==> flow/design.v <==
module storage_stage #(
    parameter integer NWORDS = 32,
    parameter integer DW = 8,
    parameter integer ADDR_WIDTH = $clog2(NWORDS)
) (
    input  wire clock,
    input  wire rst_i,
    input  wire [ADDR_WIDTH-1:0] addr,
    input  wire wr_en,
    input  wire [DW-1:0] wdata,
    output reg [DW-1:0] rd_data
);
    reg [DW-1:0] ram [NWORDS-1:0];
    always @(posedge clock)
        if (wr_en) ram[addr] <= wdata;
    always @(posedge clock) begin
        if (rst_i) begin
            rd_data <= 0;
        end else begin
            rd_data <= wr_en ? wdata : ram[addr];
        end
    end
endmodule
* Reports on storage_stage
The steps from the RTL of storage_stage to its reports follow in flow order. Line numbers count from 1 in the design file above. Library cell names are shortened. A cell with -- has no value.
Design: top storage_stage, clock port clock, cell library sky130hd, corner tt_025C_1v80

* Word level
Source: Yosys, flattened and elaborated, memories not mapped. Widths are those after wreduce; folded enables and synchronous resets count as part of the registers. Registers that Yosys merges into a memory's read port (data or address) are not register bits. Print and check cells do not count. Equal cells are merged and count once. Yosys's memory passes give these memory sizes; they may raise the number of words (mostly to a power of two), join words into wider ones and drop unused or constant bits.
Bit counts: flip-flop bits (word level) 0, bits in writable memories 256, word width x clocked read ports 8, memory cells 1, input bits 16, output and inout port bits 8, cells after elaboration 4
Operators by class: multiplexer cells 3
Memory list:
- ram | depth 32, width 8, rd ports 1, wr ports 1, RTL line 13 | reg [DW-1:0] ram [NWORDS-1:0];
Operators by type and width (number):
- 2-to-1 mux 8 bit | 1
- 2-to-1 mux 5 bit | 1
- 2-to-1 mux 1 bit | 1

* Logic depth
Yosys ltp: most cells in a row. Word level: on the elaborated netlist, between registers, memories and ports. Mapped: between sequential cells and ports; inverters and the memories' decode and read muxes count.
Logic depth: depth in word-level cells 1, ABC_AREA 0, mapped depth 7

* Synthesis result
Yosys stat after the flow's synthesis: flattened, memories mapped to cells. It holds for the ABC_AREA given above (unset counts as 0); a run with the other value may have another netlist. The area totals of this step are shown rounded.
Synthesis totals: mapped cells 519, mapped area 10300 µm², sequential area 7850 µm², flip-flops 264
Cells by type (number):
- edfxtp_1 | 256
- mux4_2 | 49
- mux2i_1 | 29
- dfxtp_1 | 8
- nor2_1 | 42
- buf_4 | 11
- a221oi_1 | 8
- o22ai_1 | 8
- a22oi_1 | 6
- mux2_2 | 4
- nand3_1 | 9
- a311oi_1 | 5
- buf_2 | 8
- o22a_1 | 4
- a31oi_1 | 5
- nand2b_1 | 5
- nor2b_1 | 5
- a32o_1 | 3
Other cell types: 21; their cells: 54.

* Timing after synthesis
Path of least setup slack by OpenSTA after synthesis, without wires, with an ideal clock, recovery checks aside; 20% of the period is set as input and as output delay. Where synthesis merged equal registers, the netlist keeps one of their names.
Timing path after synthesis: path kind input to register, from input addr[0], to memory ram[28][0], period 2730 ps, arrival time 1923 ps, path slack 437 ps, path delay 1747 ps, stages on the path 5, buffers on the path 3, synthesis period reached 2293 ps
"path delay" is the arrival time less input delay plus setup time. "stages on the path": output pins that drive a net of the path, with the launching flip-flop's if there is one; two outputs of one cell count as two. "synthesis period reached" is the clock period less the worst setup slack; recovery checks do not enter. This is arithmetic on one report: input and output delays are still those of the set period (20% each). Between the ends stands the longest chain of elaborated cells between them, by number of cells; it is not shown to be the way that was timed. Of several equally long chains one is given. A line is the first line of the expression or statement that the cell stems from. Yosys adds cells for indexed reads and writes and turns some case tables into memories.
On the way, after synthesis: cell sequence buf_4 -> buf_4 -> or3b_2 -> clkbuf_1 -> nor2_1, cells in the longest elaborated chain 1, elaborated cells between the ends (all ways) 1, classes of those cells 1 x mux
Ends and longest elaborated chain, after synthesis:
- start: declaration | RTL line 8 | input  wire [ADDR_WIDTH-1:0] addr,
- 2-to-1 mux 5 bit | RTL line 15 | if (wr_en) ram[addr] <= wdata;
- end: declaration | RTL line 13 | reg [DW-1:0] ram [NWORDS-1:0];

* Timing after layout
Path of least setup slack in the final report of record 1 (OpenROAD, finished layout, wires in). Where an end is a register, its clock arrival counts in the times. The report prints the path's times to 10 ps; the period is as set.
Timing path after layout: path kind input to register, from input addr[3], to register rd_data[0], period 2730 ps, arrival time 2730 ps, path slack 400 ps, stages on the path 6, buffers on the path 1
On the way, after layout: cell sequence clkdlybuf4s50_1 -> or3_1 -> o221ai_1 -> o21ai_0 -> and3_1 -> a221oi_1
Ends and longest elaborated chain, after layout:
- start: declaration | RTL line 8 | input  wire [ADDR_WIDTH-1:0] addr,
- end: declaration | RTL line 11 | output reg [DW-1:0] rd_data
No chain of elaborated cells between the ends is given.

Top module storage_stage; platform sky130hd; tools Yosys and OpenROAD; 3 stored runs in no particular order. Input and output delays are each 20% of the period that was set; the output load is 0.01 pF.
"worst setup path time" means the part of the period allowed to the worst setup path (the constraints hold back 20% at inputs and 20% at outputs) less its slack; where the path has registers, the arrival times of their clocks count too.
"power" is the tool's figure for a default switching activity; nothing was simulated.
"worst setup path time" is given in steps of 10 ps.
The results are shown rounded.
[record 1] settings: period_ns=2.73, CAP_MARGIN=20, CORE_MARGIN=2, CORE_UTILIZATION=40, SLEW_MARGIN=20
[record 1] result: chip area after synthesis (Yosys) 10300 µm², die area 27000 µm², standard-cell area of the final layout 12300 µm², worst setup slack after layout 399 ps, power 8660 uW, worst setup path time 1790 ps, worst setup path kind input to register
[record 2] settings: period_ns=2.44, CORE_UTILIZATION=58, PLACE_DENSITY_LB_ADDON=0.25, CORE_MARGIN=9, CELL_PAD_IN_SITES_DETAIL_PLACEMENT=1, ABC_AREA=1, GPL_ROUTABILITY_DRIVEN=1, CTS_CLUSTER_SIZE=86, CTS_CLUSTER_DIAMETER=22, MIN_ROUTING_LAYER=met1, MAX_ROUTING_LAYER=met5, CAP_MARGIN=20, SLEW_MARGIN=20
[record 2] result: did not finish, clock tree synthesis stopped with DPL-0033
[record 3] settings: period_ns=1.35, CORE_UTILIZATION=23, SETUP_SLACK_MARGIN=0.35, PLACE_DENSITY_LB_ADDON=0.04, CELL_PAD_IN_SITES_DETAIL_PLACEMENT=2, TNS_END_PERCENT=10, ABC_AREA=1, GPL_TIMING_DRIVEN=0, GPL_ROUTABILITY_DRIVEN=0, CAP_MARGIN=25, MIN_ROUTING_LAYER=met2, MAX_ROUTING_LAYER=met4, CORE_MARGIN=2, SLEW_MARGIN=20
[record 3] result: chip area after synthesis (Yosys) 11100 µm², die area 49900 µm², standard-cell area of the final layout 15400 µm², worst setup slack after layout 26 ps, power 19700 uW, worst setup path time 1320 ps, worst setup path kind register to register
